==> flow/design.v <==
module alu_adder_top #(
    parameter NBITS = 28
) (
    input logic sys_clk,
    input logic clr,
    input logic [NBITS-1:0] i_x,
    input logic [NBITS-1:0] i_y,
    input logic i_ci,
    output logic [NBITS-1:0] o_s,
    output logic o_cy
);
    logic [NBITS-1:0] nxt;
    logic [NBITS:0] c;
    assign c[0] = i_ci;
    generate
        for (genvar i = 0; i < NBITS; i++) begin : each
            assign nxt[i] = i_x[i] ^ i_y[i] ^ c[i];
            assign c[i+1] = (i_x[i] & i_y[i]) | (c[i] & (i_x[i] ^ i_y[i]));
        end
    endgenerate
    always_ff @(posedge sys_clk) begin
        if (clr) begin
            o_s <= '0;
            o_cy <= 1'b0;
        end else begin
            o_s <= nxt;
            o_cy <= c[NBITS];
        end
    end
endmodule
## Reports on alu_adder_top

Tool output for the design above, in the order of the flow.
Line numbers count from 1 in the design file above.
Operators: Yosys type, input widths -> output width; for muxes data width and select width s.
Cell names lack the library's common part.
Not given: n/a

- Top module: alu_adder_top
- Clock input: sys_clk
- Library: sky130hd
- Library corner: tt_025C_1v80

## Word-level counts

Yosys after proc, flatten, opt, wreduce and memory -nomap, before mapping. Enables and synchronous resets that opt folds into registers are not counted as muxes. Memory bits, and registers merged into a memory's read port (data or address), are not among the register bits. Print and check cells are not counted. Equal cells are merged and count once.

- Flip-flop bits (word level): 29
- Bits in latches: 0
- Memory bits (writable): 0
- ROM bits: 0
- Word width x clocked read ports: 0
- Memories kept: 0
- Elaborated cells: 142

- $add $sub $neg: 0
- Multiply operators: 0
- Divide/modulo/power cells: 0
- Magnitude comparators: 0
- Eq/ne operators: 0
- Shifts and indexed selects: 0
- Mux-type cells: 0
- Bitwise gates (word level): 140
- Reductions and logical operators: 0

Operator list:

| kind | number |
|---|---|
| $and 1x1->1 | 56 |
| $xor 1x1->1 | 56 |
| $or 1x1->1 | 28 |

## Logic depth

Yosys ltp: most cells in a row. Word level: on the elaborated netlist, between registers, memories and ports. Mapped: between sequential cells and ports; inverters and the memories' decode and read muxes count.

- Depth after elaboration: 57
- ABC_AREA: 0
- Gate-level depth with buffers: 32
- Mapped depth without buffers: 32

## Mapped cells and area

Yosys stat after the flow's synthesis: flattened, memories mapped to cells. It holds for the ABC_AREA given above (unset counts as 0); a run with the other value may have another netlist.

Cell types:

| type | number |
|---|---|
| dfxtp_1 | 29 |
| fa_1 | 28 |
| nor2b_1 | 16 |
| nor2b_2 | 10 |
| inv_1 | 7 |
| buf_6 | 2 |
| nor2_1 | 3 |
| buf_2 | 1 |

- Cell count: 96
- Mapped area: 1393.8 µm²
- Flip-flop cells: 29
- Buffer cells: 3

## Path before layout

Source: OpenSTA report_checks on the synthesized netlist (no wires, ideal clock, input and output delay 20% of the period each), path of least setup slack; recovery checks are left aside. Register names are those of the netlist, which keeps one name where synthesis merged equal registers.

- Path type: input -> register
- Start: input i_x[0]
- End: register o_s[27]
- Clock period: 16800 ps
- Input delay: 3360 ps
- Setup time: 64 ps
- Launch time at the first pin: 3360 ps
- Arrival: 14019 ps
- Required time: 16736 ps
- Setup slack: 2717 ps
- Path delay: 10723 ps
- Stages: 32
- Path buffers: 0
- Synthesis period reached: 14083 ps

"path delay" = arrival - input delay + setup time.
"stages" counts driving pins, that of a launching flip-flop among them; a cell with two outputs on the path counts twice.
"synthesis period reached" = period - worst setup slack (recovery checks aside). The figure is calculated, with input and output delays left at 20% of the set period.
The rows between start and end are the longest chain of elaborated cells between them; the timing report does not say that the signal goes this way. Where chains are equally long, one stands for them.
A line is the first line of the expression or statement that the cell stems from. Yosys adds cells for indexed reads and writes and turns some case tables into memories.

- Cell sequence: fa_1 -> fa_1 -> fa_1 -> fa_1 -> fa_1 -> fa_1 -> fa_1 -> fa_1 -> fa_1 -> fa_1 -> fa_1 -> fa_1 -> fa_1 -> fa_1 -> fa_1 -> fa_1 -> fa_1 -> fa_1 -> fa_1 -> fa_1 -> fa_1 -> fa_1 -> fa_1 -> fa_1 -> fa_1 -> inv_1 -> fa_1 -> inv_1 -> fa_1 -> inv_1 -> fa_1 -> nor2_1
- Cells in the longest elaborated chain: 56
- Elaborated cells between the ends (all ways): 57
- Those cells by class: 57 x logic

Ends and longest elaborated chain, after synthesis:

| item | line | RTL |
|---|---|---|
| start, declared | 6 | `input logic [NBITS-1:0] i_x,` |
| $xor 1x1->1 | 18 | `assign c[i+1] = (i_x[i] & i_y[i]) \| (c[i] & (i_x[i] ^ i_y[i]));` |
| $and 1x1->1 | 18 |  |
| $or 1x1->1 | 18 |  |
| $and 1x1->1 | 18 |  |
| $or 1x1->1 | 18 |  |
| $and 1x1->1 | 18 |  |
| $or 1x1->1 | 18 |  |
| [... 42 more ...] | n/a |  |
| $and 1x1->1 | 18 |  |
| $or 1x1->1 | 18 |  |
| $and 1x1->1 | 18 |  |
| $or 1x1->1 | 18 |  |
| $and 1x1->1 | 18 |  |
| $or 1x1->1 | 18 |  |
| $xor 1x1->1 | 17 | `assign nxt[i] = i_x[i] ^ i_y[i] ^ c[i];` |
| end, assigned | 23 | `o_s <= '0;` |
| end, assigned | 26 | `o_s <= nxt;` |
| end, declared | 9 | `output logic [NBITS-1:0] o_s,` |

## Worst path after layout

From the final timing report of flow run 1: the path of least setup slack in the routed layout; clock arrival at registers is part of the times.
The path's times are printed in steps of 10 ps; the period is the one set.

- Path type: input -> register
- Start: input i_x[0]
- End: register o_s[27]
- Clock period: 16800 ps
- Input delay: 3360 ps
- Setup time: 60 ps
- Launch time at the first pin: 3360 ps
- Arrival: 14850 ps
- Required time: 17050 ps
- Setup slack: 2200 ps
- Stages: 33
- Path buffers: 1

The rows between start and end are the longest chain of elaborated cells between them; the timing report does not say that the signal goes this way. Where chains are equally long, one stands for them.

- Cell sequence: clkdlybuf4s50_1 -> fa_1 -> fa_1 -> fa_1 -> fa_1 -> fa_1 -> fa_1 -> fa_1 -> fa_1 -> fa_1 -> fa_1 -> fa_1 -> fa_1 -> fa_1 -> fa_1 -> fa_1 -> fa_1 -> fa_1 -> fa_1 -> fa_1 -> fa_1 -> fa_1 -> fa_1 -> fa_1 -> fa_1 -> fa_1 -> inv_1 -> fa_1 -> inv_1 -> fa_1 -> inv_1 -> fa_1 -> nor2_1
- Cells in the longest elaborated chain: 56
- Elaborated cells between the ends (all ways): 57
- Those cells by class: 57 x logic

Ends and longest elaborated chain, post-layout:

| item | line | RTL |
|---|---|---|
| start, declared | 6 | `input logic [NBITS-1:0] i_x,` |
| $xor 1x1->1 | 18 | `assign c[i+1] = (i_x[i] & i_y[i]) \| (c[i] & (i_x[i] ^ i_y[i]));` |
| $and 1x1->1 | 18 |  |
| $or 1x1->1 | 18 |  |
| $and 1x1->1 | 18 |  |
| $or 1x1->1 | 18 |  |
| $and 1x1->1 | 18 |  |
| $or 1x1->1 | 18 |  |
| [... 42 more ...] | n/a |  |
| $and 1x1->1 | 18 |  |
| $or 1x1->1 | 18 |  |
| $and 1x1->1 | 18 |  |
| $or 1x1->1 | 18 |  |
| $and 1x1->1 | 18 |  |
| $or 1x1->1 | 18 |  |
| $xor 1x1->1 | 17 | `assign nxt[i] = i_x[i] ^ i_y[i] ^ c[i];` |
| end, assigned | 23 | `o_s <= '0;` |
| end, assigned | 26 | `o_s <= nxt;` |
| end, declared | 9 | `output logic [NBITS-1:0] o_s,` |

Hand-over note for alu_adder_top

Measured data: module alu_adder_top, platform sky130hd, 3 stored runs of the flow under differing settings, order arbitrary. Input and output delays are each 20% of the period that was set; the output load is 0.01 pF.
"overall power" is the tool's figure for a default switching activity; nothing was simulated.

### Flow run 1

==> flow/run.sh <==
#!/bin/bash
# the make line also repeats the synthesis and layout settings of config.mk as NAME=value (left out here)
make -C /OpenROAD-flow-scripts/flow DESIGN_CONFIG=/design/flow/config.mk WORK_HOME=/design/flow/orfs CLKGATE_MAP_FILE= finish
==> flow/config.mk <==
export PLATFORM = sky130hd
export DESIGN_NAME = alu_adder_top
export DESIGN_NICKNAME = alu_adder_top
export VERILOG_FILES = /design/flow/design.v
export SDC_FILE = /design/flow/constraint.sdc
export NUM_CORES = 4
export LEC_CHECK = 0
export CAP_MARGIN = 20
export CORE_MARGIN = 2
export CORE_UTILIZATION = 40
export SLEW_MARGIN = 20
==> flow/constraint.sdc <==
create_clock -name core_clock -period 16.8 [get_ports {sys_clk}]
set_input_delay 3.3600 -clock core_clock [delete_from_list [all_inputs] [get_ports {sys_clk}]]
set_output_delay 3.3600 -clock core_clock [all_outputs]
set_load 0.01 [all_outputs]

Results of flow run 1:
- Synthesized cell area: 1393.8 µm²
- Die size: 3972.8 µm²
- Utilization in the final report: 70.5%
- Smallest setup slack: 2199 ps
- Standard-cell area of the final layout: 2351.0 µm²
- Overall power: 0.1788 mW

### Flow run 2

==> flow/run.sh <==
#!/bin/bash
# the make line also repeats the synthesis and layout settings of config.mk as NAME=value (left out here)
make -C /OpenROAD-flow-scripts/flow DESIGN_CONFIG=/design/flow/config.mk WORK_HOME=/design/flow/orfs CLKGATE_MAP_FILE= finish
==> flow/config.mk <==
export PLATFORM = sky130hd
export DESIGN_NAME = alu_adder_top
export DESIGN_NICKNAME = alu_adder_top
export VERILOG_FILES = /design/flow/design.v
export SDC_FILE = /design/flow/constraint.sdc
export NUM_CORES = 4
export LEC_CHECK = 0
export ABC_AREA = 1
export CAP_MARGIN = 20
export CELL_PAD_IN_SITES_DETAIL_PLACEMENT = 2
export CELL_PAD_IN_SITES_GLOBAL_PLACEMENT = 2
export CORE_ASPECT_RATIO = 1.06
export CORE_MARGIN = 7
export CORE_UTILIZATION = 50
export CTS_CLUSTER_DIAMETER = 113
export GPL_TIMING_DRIVEN = 0
export HOLD_SLACK_MARGIN = 0.01
export MIN_ROUTING_LAYER = met2
export PLACE_DENSITY_LB_ADDON = 0.2
export SLEW_MARGIN = 20
export TNS_END_PERCENT = 30
==> flow/constraint.sdc <==
create_clock -name core_clock -period 12.5 [get_ports {sys_clk}]
set_input_delay 2.5000 -clock core_clock [delete_from_list [all_inputs] [get_ports {sys_clk}]]
set_output_delay 2.5000 -clock core_clock [all_outputs]
set_load 0.01 [all_outputs]

Outcome of flow run 2: stopped before the end: placement reported FLW-0024

### Flow run 3

==> flow/run.sh <==
#!/bin/bash
# the make line also repeats the synthesis and layout settings of config.mk as NAME=value (left out here)
make -C /OpenROAD-flow-scripts/flow DESIGN_CONFIG=/design/flow/config.mk WORK_HOME=/design/flow/orfs CLKGATE_MAP_FILE= finish
==> flow/config.mk <==
export PLATFORM = sky130hd
export DESIGN_NAME = alu_adder_top
export DESIGN_NICKNAME = alu_adder_top
export VERILOG_FILES = /design/flow/design.v
export SDC_FILE = /design/flow/constraint.sdc
export NUM_CORES = 4
export LEC_CHECK = 0
export CAP_MARGIN = 20
export CELL_PAD_IN_SITES_GLOBAL_PLACEMENT = 2
export CORE_ASPECT_RATIO = 0.94
export CORE_MARGIN = 2
export CORE_UTILIZATION = 18
export CTS_CLUSTER_DIAMETER = 311
export MIN_ROUTING_LAYER = met1
export SETUP_SLACK_MARGIN = 0.07
export SLEW_MARGIN = 20
==> flow/constraint.sdc <==
create_clock -name core_clock -period 8.24 [get_ports {sys_clk}]
set_input_delay 1.6480 -clock core_clock [delete_from_list [all_inputs] [get_ports {sys_clk}]]
set_output_delay 1.6480 -clock core_clock [all_outputs]
set_load 0.01 [all_outputs]

Results of flow run 3:
- Synthesized cell area: 1393.8 µm²
- Die size: 8463.5 µm²
- Utilization in the final report: 33.1%
- Smallest setup slack: -3264 ps
- Standard-cell area of the final layout: 2516.2 µm²
- Overall power: 0.4090 mW

End of note.
